==> flow/design.v <==
module dp_switch #(
    parameter integer WIDTH = 3,
    parameter integer COUNT = 4,
    parameter integer SEL_WIDTH = $clog2(COUNT)
) (
    input  wire ck,
    input  wire [COUNT*WIDTH-1:0] val,
    input  wire [SEL_WIDTH-1:0] sel,
    output wire [WIDTH-1:0] q
);
    reg [COUNT*WIDTH-1:0] val_q;
    always @(posedge ck) begin
        val_q <= val;
    end
    reg [SEL_WIDTH-1:0] sel_q;
    always @(posedge ck) begin
        sel_q <= sel;
    end
    wire [WIDTH-1:0] lvl [1:2*COUNT-1];
    genvar gi;
    generate
        for (gi = 0; gi < COUNT; gi = gi + 1) begin : lane
            assign lvl[COUNT+gi] = val_q[gi*WIDTH +: WIDTH];
        end
        for (gi = 1; gi < COUNT; gi = gi + 1) begin : stage
            assign lvl[gi] = sel_q[SEL_WIDTH - $clog2(gi+1)] ? lvl[2*gi+1] : lvl[2*gi];
        end
    endgenerate
    reg [WIDTH-1:0] q_q;
    always @(posedge ck) begin
        q_q <= lvl[1];
    end
    assign q = q_q;
endmodule
# Reports on dp_switch
# The steps from the RTL of dp_switch to its reports follow in flow order.
# Lines are those of the file above, counted from 1.
# Operators carry their Yosys type and port widths (W data, S select, Z words).
# Not given: n/a
# inputs
design,dp_switch
clock_port,ck
lib,sky130hd
pvt_corner,tt_025C_1v80

# After elaboration
# Counts by Yosys on the flattened word-level netlist (proc, flatten, opt, wreduce). Print and check cells are left out. Cells with the same type and inputs are merged into one.
# word_totals
ff_bits,17
latchBits,0
ramBits,0
rom_bits,0
clocked_rd_ports_x_width,0
n_memories,0
wordCells,6
# op_classes
add_sub_neg,0
mul,0
div_mod_pow,0
n_cmp,0
n_eq,0
shift,0
n_mux,3
bitwise,0
reduce_logical,0
# ops
cell,n
$mux W3,3

# Longest topological paths
# Longest topological path by Yosys (ltp), each cell counted once; first at word level (registers and memories cut), then after technology mapping (sequential cells cut; the memories' decode and read muxes count).
# depth
ltp_word,2
abc_area,0
ltp_mapped,1
depth_no_buf,1

# Mapped cells and area
# Yosys stat after the flow's synthesis: flattened, memories mapped to cells. It holds for the ABC_AREA given above (unset counts as 0); a run with the other value may have another netlist.
# by_type
type,n,area_total_um2
sky130_fd_sc_hd__dfxtp_1,17,340.326
sky130_fd_sc_hd__mux4_1,3,78.826
# mapped
cell_count,20
synth_area_um2,419.2
seqArea_um2,340.3
flip_flops,17
buffers,0

# Timing after synthesis
# Source: OpenSTA report_checks on the synthesized netlist (no wires, ideal clock, input and output delay 20% of the period each), path of least setup slack; recovery checks are left aside. Register names are those of the netlist, which keeps one name where synthesis merged equal registers.
# synth_timing
kind,flip-flop to flip-flop
start,reg sel_q[0]
end,reg q_q[0]
clock_period_ns,1.28
setup_ns,0.136
t_first_pin_ns,0.000
arrival_time_ns,0.886
required_time_ns,1.144
path_slack_ns,0.258
path_delay_ns,1.022
path_stages,2
path_buffers,0
period_less_setup_slack_ns,1.022
# "path_delay_ns" = arrival - input delay + setup time.
# "path_stages" counts driving pins, that of a launching flip-flop among them; a cell with two outputs on the path counts twice.
# "period_less_setup_slack_ns" = period - worst setup slack (recovery checks aside). The figure is calculated, with input and output delays left at 20% of the set period.
# The rows between start and end are the longest chain of elaborated cells between them; the timing report does not say that the signal goes this way. Where chains are equally long, one stands for them.
# A line is the first line of the expression or statement that the cell stems from. Yosys adds cells for indexed reads and writes and turns some case tables into memories.
# synth_via
cell_sequence,sky130_fd_sc_hd__dfxtp_1 -> sky130_fd_sc_hd__mux4_1
elab_chain_cells,2
cells_between,3
classes_between,mux: 3
# synth_rtl
item,line,rtl
start: declaration,15,reg [SEL_WIDTH-1:0] sel_q;
start: assignment,17,sel_q <= sel;
$mux W3 x2,26,assign lvl[gi] = sel_q[SEL_WIDTH - $clog2(gi+1)] ? lvl[2*gi+1] : lvl[2*gi];
end: assignment,31,q_q <= lvl[1];
end: declaration,29,reg [WIDTH-1:0] q_q;

# Path in the finished layout
# From the final timing report of flow run 1: the path of least setup slack in the routed layout; clock arrival at registers is part of the times.
# layout_timing
kind,flip-flop to output port
start,reg q_q[1]
end,out q[1]
clock_period_ns,1.28
t_first_pin_ns,0.28
arrival_time_ns,0.88
required_time_ns,1.02
path_slack_ns,0.15
path_stages,2
path_buffers,1
# layout_via
cell_sequence,sky130_fd_sc_hd__dfxtp_1 -> sky130_fd_sc_hd__dlygate4sd2_1
elab_chain_cells,0
cells_between,0
# layout_rtl
item,line,rtl
start: declaration,29,reg [WIDTH-1:0] q_q;
start: assignment,31,q_q <= lvl[1];
end: declaration,9,output wire [WIDTH-1:0] q

# dp_switch through Yosys and OpenROAD on sky130hd: 3 stored runs, unordered, with their settings and measured results. The constraints put input and output delay at 20% of the set period each and load the outputs with 0.01 pF.
# By "clock_period_reached_ns" is meant the clock period of the run minus its worst setup slack. This is arithmetic on one report: input and output delays are still those of the set period (20% each).
# "timing.worst_path_ns" is the time allowed to the run's worst setup path (the clock period less input and output delay, where it has them) less its slack. Clock arrival times count: a late capture clock shortens it, a late launch clock lengthens it.
# By "design_power_w" is meant OpenSTA's value without simulated activity: inputs other than the clock are taken to toggle once in ten clock periods, and the tool carries that through the logic.
# Settings: -- = not set for that run.
# Among the results, -- means that no value is shown for the run.
name,flow run 1,flow run 2,flow run 3
period_ns,1.28,0.63,1.08
CAP_MARGIN,20,20,5
CORE_MARGIN,2,7,2
CORE_UTILIZATION,40,68,61
SLEW_MARGIN,20,20,20
PLACE_DENSITY_LB_ADDON,--,0.13,--
CORE_ASPECT_RATIO,--,1.21,--
CELL_PAD_IN_SITES_GLOBAL_PLACEMENT,--,1,0
CELL_PAD_IN_SITES_DETAIL_PLACEMENT,--,0,--
ABC_AREA,--,0,--
CTS_CLUSTER_SIZE,--,58,--
CTS_CLUSTER_DIAMETER,--,207,--
MAX_ROUTING_LAYER,--,met4,met4
SETUP_SLACK_MARGIN,--,--,0.05
PLACE_DENSITY,--,--,0.95
GPL_ROUTABILITY_DRIVEN,--,--,1
MIN_ROUTING_LAYER,--,--,met2
timing.worst_path_ns,0.88,--,--
critical_path_kind,flip-flop to output port,--,--
design_power_w,0.0008719,--,--
setup_tns_ns,0.000,--,--
final_util_pct,65.3,--,--
final_stdcell_area_um2,620.6,--,--
total_die_area_um2,1322.8,--,--
timing.setup.ws_ns,0.147,--,--
post_synth_area_um2,419.2,--,--
timing.hold.ws_ns,0.395,--,--
clock_period_reached_ns,1.133,--,--
# Flow run 2: incomplete, floorplanning halted on PDN-0185
# Flow run 3: incomplete, floorplanning halted on PDN-0185
